==> flow/design.v <==
module alu_mpy (i_clk, RSTN, arg0, prod);
    parameter NBITS = 10;
    input i_clk;
    input RSTN;
    input [NBITS-1:0] arg0;
    output [2*NBITS-1:0] prod;
    reg [NBITS-1:0] arg0_r;
    always @(posedge i_clk) begin
        if (~RSTN) begin
            arg0_r <= 0;
        end else begin
            arg0_r <= arg0;
        end
    end
    assign prod = arg0_r * arg0_r;
endmodule
# --- Reports on alu_mpy ---
# What the tools print for alu_mpy, step after step.
# Line numbers count from 1 in the design file above.
# Cell names lack the library's common part.
setup:
  top_module: "alu_mpy"
  clock_port: "i_clk"
  library: "sky130hd"
  corner: "tt_025C_1v80"

# --- Word-level counts ---
# Counts by Yosys on the flattened word-level netlist (proc, flatten, opt, wreduce; memories kept). Register bits leave out memories and registers merged into their read ports (data or address); mux counts leave out enables and synchronous resets folded into registers. Print and check cells are left out. Cells with the same type and inputs are merged into one.
classes:
  n_mul: 1
op_table:
  columns: ["operator", "count"]
  rows:
  - ["10-bit by 10-bit multiplier with 20-bit output", 1]
word_totals:
  inputBits: 12
  reg_bits: 10

# --- Logic depth ---
# Longest topological path by Yosys (ltp), each cell counted once; first at word level (registers and memories cut), then after technology mapping (sequential cells cut; the memories' decode and read muxes count).
logic_depth:
  depth_word: 1
  ABC_AREA: 0
  ltp_mapped: 20

# --- Netlist ---
# The flow's flattened synthesis, as Yosys stat reports it; memories are mapped. The netlist is that of the ABC_AREA named above (0 if unset); the other value can give another one.
types:
  columns: ["cell_type", "count", "type_area_um2"]
  rows:
  - ["fa_1", 47, 940.902]
  - ["ha_1", 49, 613.088]
  - ["inv_1", 86, 322.81]
  - ["and2_1", 34, 212.704]
  - ["dfxtp_1", 10, 200.192]
  - ["xnor2_1", 15, 131.376]
  - ["nand2_1", 32, 120.115]
  - ["xor2_1", 7, 61.309]
  - ["a21oi_1", 12, 60.058]
  - ["nor2_1", 15, 56.304]
  - ["a21o_1", 6, 45.043]
  - ["a21oi_2", 4, 35.034]
  - ["o21ai_0", 7, 35.034]
  - ["clkbuf_1", 8, 30.029]
  - ["nand3_1", 5, 25.024]
  - ["nor2b_1", 4, 25.024]
  - ["a21o_2", 2, 17.517]
  - ["buf_4", 2, 15.014]
# Other cell types: 21; their cells: 24.
mapped:
  cells: 369
  yosys_area_um2: 3131.8
  sequential_area_um2: 200.2
  flip_flops: 10

# --- Timing after synthesis ---
# OpenSTA on the mapped netlist: ideal clock, no wires. The path of least setup slack (recovery checks aside). Input and output delay are each 20% of the period. Register names are those of the netlist, which keeps one name where synthesis merged equal registers.
synth_path:
  path_kind: "register -> output"
  start: "register arg0_r[3]"
  end: "output port prod[17]"
  delay_ns: 4.682
  stages: 19
  arrival_ns: 4.682
  n_path_buf: 1
  launch_ns: 0.000
  slack_ns: 1.174
  required_time_ns: 5.856
  period_ns: 7.32
  out_delay_ns: 1.464
  period_less_setup_slack_ns: 6.146
# "delay_ns" = arrival - input delay + setup time.
# A path that ends at an output port has no setup time.
# "stages" counts driving pins, that of a launching flip-flop among them; a cell with two outputs on the path counts twice.
# "period_less_setup_slack_ns" is the clock period less the worst setup slack; recovery checks do not enter. This is arithmetic on one report: input and output delays are still those of the set period (20% each).
# Between the ends stands the longest chain of elaborated cells between them, by number of cells; it is not shown to be the way that was timed. Of several equally long chains one is given.
# Each line given opens the expression or statement behind the cell; cells for indexed reads and writes are added by Yosys, which also makes memories of some case tables.
synth_via:
  path_cell_list: "dfxtp_1 clkbuf_1 and2_1 inv_1 fa_1 inv_1 fa_1 fa_1 fa_1 inv_1 fa_1 inv_1 ha_1 nand2_1 nor2_1 a21oi_2 o311ai_0 a21oi_1 xnor2_1"
  elab_chain_cells: 1
  cone_cells: 1
  cone_lines: 1
  classes_between: "mul: 1"
synth_rtl:
  columns: ["element", "line", "rtl"]
  rows:
  - ["start, declared", 7, "reg [NBITS-1:0] arg0_r;"]
  - ["start, assigned", 10, "arg0_r <= 0;"]
  - ["start, assigned", 12, "arg0_r <= arg0;"]
  - ["10-bit by 10-bit multiplier with 20-bit output", 15, "assign prod = arg0_r * arg0_r;"]
  - ["end, declared", 6, "output [2*NBITS-1:0] prod;"]

# --- Path in the finished layout ---
# From the final timing report of run A: the path of least setup slack in the routed layout; clock arrival at registers is part of the times.
layout_path:
  path_kind: "register -> output"
  start: "register arg0_r[4]"
  end: "output port prod[16]"
  out_delay_ns: 1.46
  slack_ns: 0.33
  n_path_buf: 1
  period_ns: 7.32
  launch_ns: 0.23
  arrival_ns: 5.53
  required_time_ns: 5.86
  stages: 18
# Between the ends stands the longest chain of elaborated cells between them, by number of cells; it is not shown to be the way that was timed. Of several equally long chains one is given.
layout_via:
  path_cell_list: "dfxtp_1 nand2_1 inv_1 fa_1 fa_1 ha_1 fa_1 inv_1 fa_1 inv_1 ha_1 a21oi_2 nand2_1 or2_4 a221o_2 a21oi_2 xnor2_1 clkdlybuf4s50_1"
  elab_chain_cells: 1
  cone_cells: 1
  cone_lines: 1
  classes_between: "mul: 1"
layout_rtl:
  columns: ["element", "line", "rtl"]
  rows:
  - ["start, declared", 7, "reg [NBITS-1:0] arg0_r;"]
  - ["start, assigned", 10, "arg0_r <= 0;"]
  - ["start, assigned", 12, "arg0_r <= arg0;"]
  - ["10-bit by 10-bit multiplier with 20-bit output", 15, "assign prod = arg0_r * arg0_r;"]
  - ["end, declared", 6, "output [2*NBITS-1:0] prod;"]

# Below are 3 stored runs of the flow (Yosys, OpenROAD; platform sky130hd) on alu_mpy, each with its settings and what was measured, unordered. Constraints: input delay and output delay 20% of the set period each, output load 0.01 pF.
# By "timing.achieved_period_ns" is meant the clock period of the run minus its worst setup slack. This is arithmetic on one report: input and output delays are still those of the set period (20% each).
runs:
  - name: "run A"
    settings:
      period_ns: 7.32
      CAP_MARGIN: 20
      CORE_MARGIN: 2
      CORE_UTILIZATION: 40
      SLEW_MARGIN: 20
    results:
      synth_area_um2: 3131.8
      design_die_area_um2: 8553.5
      final_util_frac: 0.469
      setup_ws_ns: 0.331
      total_negative_slack_ns: 0.000
      timing.achieved_period_ns: 6.989
  - name: "run B"
    settings:
      period_ns: 9.79
      CORE_UTILIZATION: 54
      PLACE_DENSITY_LB_ADDON: 0.05
      CORE_MARGIN: 3
      TNS_END_PERCENT: 5
      GPL_ROUTABILITY_DRIVEN: 0
      CTS_CLUSTER_DIAMETER: 212
      CAP_MARGIN: 30
      MAX_ROUTING_LAYER: "met4"
      SLEW_MARGIN: 20
    results:
      synth_area_um2: 3131.8
      design_die_area_um2: 6749.4
      final_util_frac: 0.631
      setup_ws_ns: 2.134
      total_negative_slack_ns: 0.000
      timing.achieved_period_ns: 7.656
  - name: "run C"
    settings:
      period_ns: 10.1
      CORE_UTILIZATION: 52
      SETUP_SLACK_MARGIN: 1.08
      CELL_PAD_IN_SITES_GLOBAL_PLACEMENT: 1
      CELL_PAD_IN_SITES_DETAIL_PLACEMENT: 0
      ABC_AREA: 1
      CTS_CLUSTER_SIZE: 30
      MIN_ROUTING_LAYER: "met1"
      MAX_ROUTING_LAYER: "met5"
      CAP_MARGIN: 20
      CORE_MARGIN: 2
      SLEW_MARGIN: 20
    results:
      synth_area_um2: 3268.1
      design_die_area_um2: 6934.7
      final_util_frac: 0.607
      setup_ws_ns: 2.671
      total_negative_slack_ns: 0.000
      timing.achieved_period_ns: 7.429
